==> flow/design.v <==
module core_plus_blk #(
  parameter integer WIDTH = 32,
  parameter integer COUNT = 4,
  parameter integer OW = WIDTH + $clog2(COUNT)
) (
  input  wire clk,
  input  wire nrst,
  input  wire enable,
  input  wire [COUNT*WIDTH-1:0] src,
  output wire [OW-1:0] s
);
  reg [COUNT*WIDTH-1:0] r_src;
  always @(posedge clk or negedge nrst) begin
    if (!nrst) begin
      r_src <= 0;
    end else if (enable) begin
      r_src <= src;
    end
  end
  wire [OW-1:0] n_ [1:2*COUNT-1];
  genvar k;
  generate
    for (k = 0; k < COUNT; k = k + 1) begin : u_g
      assign n_[COUNT+k] = r_src[k*WIDTH +: WIDTH];
    end
    for (k = 1; k < COUNT; k = k + 1) begin : slice
      assign n_[k] = n_[2*k] + n_[2*k+1];
    end
  endgenerate
  assign s = n_[1];
endmodule
# Tool chain data of core_plus_blk
# What the tools print for core_plus_blk, step after step.
# Lines are those of the file above, counted from 1.
# Operators carry their Yosys type and port widths (W data, S select, Z words).
# Cell names lack the library's common part.
# A cell with n/a has no value.
[design]
top = "core_plus_blk"
clock = "clk"
library = "sky130hd"
pvt_corner = "tt_025C_1v80"

# Elaborated design
# Counts by Yosys on the flattened word-level netlist (proc, flatten, opt, wreduce). Print and check cells are left out. Cells with the same type and inputs are merged into one.
[word_totals]
mem_bits_ro = 0
ff_bits = 128
clocked_rd_ports_x_width = 0
word_cells = 4
mem_bits_rw = 0
n_memories = 0
inputBits = 131
latchBits = 0
[op_classes]
n_mux = 0
cmp = 0
eq_ne = 0
div_mod_pow = 0
reduce_and_logical = 0
n_addsub = 3
shift = 0
logic = 0
multipliers = 0
[ops]
columns = ["operator", "n"]
rows = [
  ["$add A32 B32 Y33", 2],
  ["$add A34 B34 Y34", 1],
]

# Longest topological paths
# Yosys ltp: most cells in a row. Word level: on the elaborated netlist, between registers, memories and ports. Mapped: between sequential cells and ports; inverters and the memories' decode and read muxes count.
[logic_depth]
depth_word = 2
ABC_AREA = 0
depth_mapped = 23
depth_no_buf = 22

# After synthesis
# Yosys stat after the flow's synthesis: flattened, memories mapped to cells. It holds for the ABC_AREA given above (unset counts as 0); a run with the other value may have another netlist.
[mapped]
stdcells = 944
buffers = 32
mapped_area_um2 = 9571.7
ff_cells = 128
[types]
columns = ["cell_type", "n", "area_total_um2"]
rows = [
  ["dfrtp_1", 128, 3.2E+03],
  ["mux2_2", 124, 1.4E+03],
  ["ha_1", 97, 1.21E+03],
  ["xnor2_1", 62, 543.021],
  ["a21o_1", 67, 502.982],
  ["a21oi_1", 74, 370.355],
  ["xor2_1", 27, 236.477],
  ["nand2_1", 51, 191.434],
  ["nor2_1", 41, 153.898],
  ["o21ai_0", 27, 135.13],
  ["o21bai_1", 15, 112.608],
  ["inv_1", 29, 108.854],
  ["clkbuf_1", 28, 105.101],
  ["o21ai_1", 20, 100.096],
  ["nand4_1", 14, 87.584],
  ["nor2b_1", 13, 81.328],
  ["nand3_1", 15, 75.072],
  ["o21a_1", 10, 75.072],
]
# Not listed: further types 43, cells in them 102.

# Path before layout
# Source: OpenSTA report_checks on the synthesized netlist (no wires, ideal clock, input and output delay 20% of the period each), path of least setup slack; recovery checks are left aside. Register names are those of the netlist, which keeps one name where synthesis merged equal registers.
[synth_path]
path_kind = "register to output"
from = "register r_src[0]"
to = "output port s[33]"
slack_ns = 1.034
driving_pins = 24
path_buffers = 1
arrival_time_ns = 4.142
path_delay_ns = 4.142
period_ns = 6.47
t_first_pin_ns = 0.000
period_less_setup_slack_ns = 5.436
# "path_delay_ns" = arrival - input delay + setup time.
# At an output port there is no setup time.
# "driving_pins": output pins that drive a net of the path, with the launching flip-flop's if there is one; two outputs of one cell count as two.
# "period_less_setup_slack_ns" = period - worst setup slack (recovery checks aside). The figure is calculated, with input and output delays left at 20% of the set period.
# Between the ends stands the longest chain of elaborated cells between them, by number of cells; it is not shown to be the way that was timed. Of several equally long chains one is given.
# A line is the first line of the expression or statement that the cell stems from. Yosys adds cells for indexed reads and writes and turns some case tables into memories.
[synth_via]
cell_sequence = "dfrtp_1 > ha_1 > inv_1 > fa_1 > nor2b_1 > o21a_1 > o21ai_1 > a2111oi_4 > o21ai_2 > o31a_1 > o21ai_2 > a41oi_1 > xnor2_1 > ha_1 > clkbuf_1 > a21o_1 > a21o_1 > a21o_1 > a21oi_1 > nor2b_1 > o21ai_1 > nand2b_1 > a221oi_1 > o21ai_1"
elab_chain_len = 2
[synth_rtl]
columns = ["element", "line", "rtl"]
rows = [
  ["start: declaration", 12, "reg [COUNT*WIDTH-1:0] r_src;"],
  ["start: assignment", 15, "r_src <= 0;"],
  ["start: assignment", 17, "r_src <= src;"],
  ["$add A32 B32 Y33", 27, "assign n_[k] = n_[2*k] + n_[2*k+1];"],
  ["$add A34 B34 Y34", 27, ""],
  ["end: declaration", 10, "output wire [OW-1:0] s"],
]

# Path in the finished layout
# Path of least setup slack in the final report of flow run A (OpenROAD, finished layout, wires in). Where an end is a register, its clock arrival counts in the times.
[layout_path]
path_kind = "register to output"
from = "register r_src[1]"
to = "output port s[27]"
arrival_time_ns = 4.93
slack_ns = 0.25
t_first_pin_ns = 0.42
period_ns = 6.47
path_buffers = 1
driving_pins = 17
# Between the ends stands the longest chain of elaborated cells between them, by number of cells; it is not shown to be the way that was timed. Of several equally long chains one is given.
[layout_via]
cell_sequence = "dfrtp_1 > ha_1 > a21o_1 > a21oi_1 > nor3_1 > nand3b_1 > o21bai_1 > a31oi_1 > a211oi_1 > xnor2_1 > ha_1 > nand4_1 > or3_1 > o21ai_2 > a211o_1 > xor2_1 > clkdlybuf4s50_1"
elab_chain_len = 2
[layout_rtl]
columns = ["element", "line", "rtl"]
rows = [
  ["start: declaration", 12, "reg [COUNT*WIDTH-1:0] r_src;"],
  ["start: assignment", 15, "r_src <= 0;"],
  ["start: assignment", 17, "r_src <= src;"],
  ["$add A32 B32 Y33", 27, "assign n_[k] = n_[2*k] + n_[2*k+1];"],
  ["$add A34 B34 Y34", 27, ""],
  ["end: declaration", 10, "output wire [OW-1:0] s"],
]

# Settings and measured results of 3 stored flow runs for module core_plus_blk (sky130hd), not sorted in any way. The constraints put input and output delay at 20% of the set period each and load the outputs with 0.01 pF.
# "period_less_ws_ns" = clock period - worst setup slack. The figure is calculated, with input and output delays left at 20% of the set period.
# "worst_path_ns": the worst setup path's part of the clock period (all of it between registers, 20% less for each end at a port) less its slack. A launch clock that arrives late makes it longer, a capture clock that arrives late makes it shorter.
# "final_power_w": no workload was simulated; the value follows from the tool's default switching activity.

[[run]]
name = "flow run A"
[run.settings]
period_ns = 6.47
CAP_MARGIN = 20
CORE_MARGIN = 2
CORE_UTILIZATION = 40
SLEW_MARGIN = 20
[run.results]
design_die_area_um2 = 25182.5
total_negative_slack_ns = 0.000
period_less_ws_ns = 6.224
final_power_w = 0.005431
worst_path_ns = 4.93
critical_path_type = "register to output"
post_route_util_pct = 52.5
synth_chip_area_um2 = 9571.7
final_cell_area_um2 = 12331.8
setup_ws_ns = 0.246

[[run]]
name = "flow run B"
[run.settings]
period_ns = 3.77
CORE_UTILIZATION = 20
PLACE_DENSITY_LB_ADDON = 0.02
CELL_PAD_IN_SITES_GLOBAL_PLACEMENT = 1
CELL_PAD_IN_SITES_DETAIL_PLACEMENT = 2
ABC_AREA = 1
CTS_CLUSTER_DIAMETER = 177
MIN_ROUTING_LAYER = "met1"
CAP_MARGIN = 20
CORE_MARGIN = 2
SLEW_MARGIN = 20
[run.results]
design_die_area_um2 = 62447.5
total_negative_slack_ns = -11.545
period_less_ws_ns = 4.309
final_power_w = 0.01598
worst_path_ns = 3.55
critical_path_type = "register to output"
post_route_util_pct = 36.7
synth_chip_area_um2 = 12092.8
final_cell_area_um2 = 22007.4
setup_ws_ns = -0.539

[[run]]
name = "flow run C"
[run.settings]
period_ns = 10.0
CORE_UTILIZATION = 19
SETUP_SLACK_MARGIN = 1.18
PLACE_DENSITY_LB_ADDON = 0.18
HOLD_SLACK_MARGIN = 0.09
CORE_ASPECT_RATIO = 1.76
CELL_PAD_IN_SITES_GLOBAL_PLACEMENT = 2
CELL_PAD_IN_SITES_DETAIL_PLACEMENT = 1
ABC_AREA = 1
CTS_CLUSTER_SIZE = 75
CTS_CLUSTER_DIAMETER = 302
CAP_MARGIN = 10
MIN_ROUTING_LAYER = "met2"
MAX_ROUTING_LAYER = "met4"
CORE_MARGIN = 2
SLEW_MARGIN = 20
[run.results]
design_die_area_um2 = 65761.7
total_negative_slack_ns = 0.000
period_less_ws_ns = 7.008
final_power_w = 0.003792
worst_path_ns = 5.01
critical_path_type = "register to output"
post_route_util_pct = 24.3
synth_chip_area_um2 = 12092.8
final_cell_area_um2 = 15288.4
setup_ws_ns = 2.992
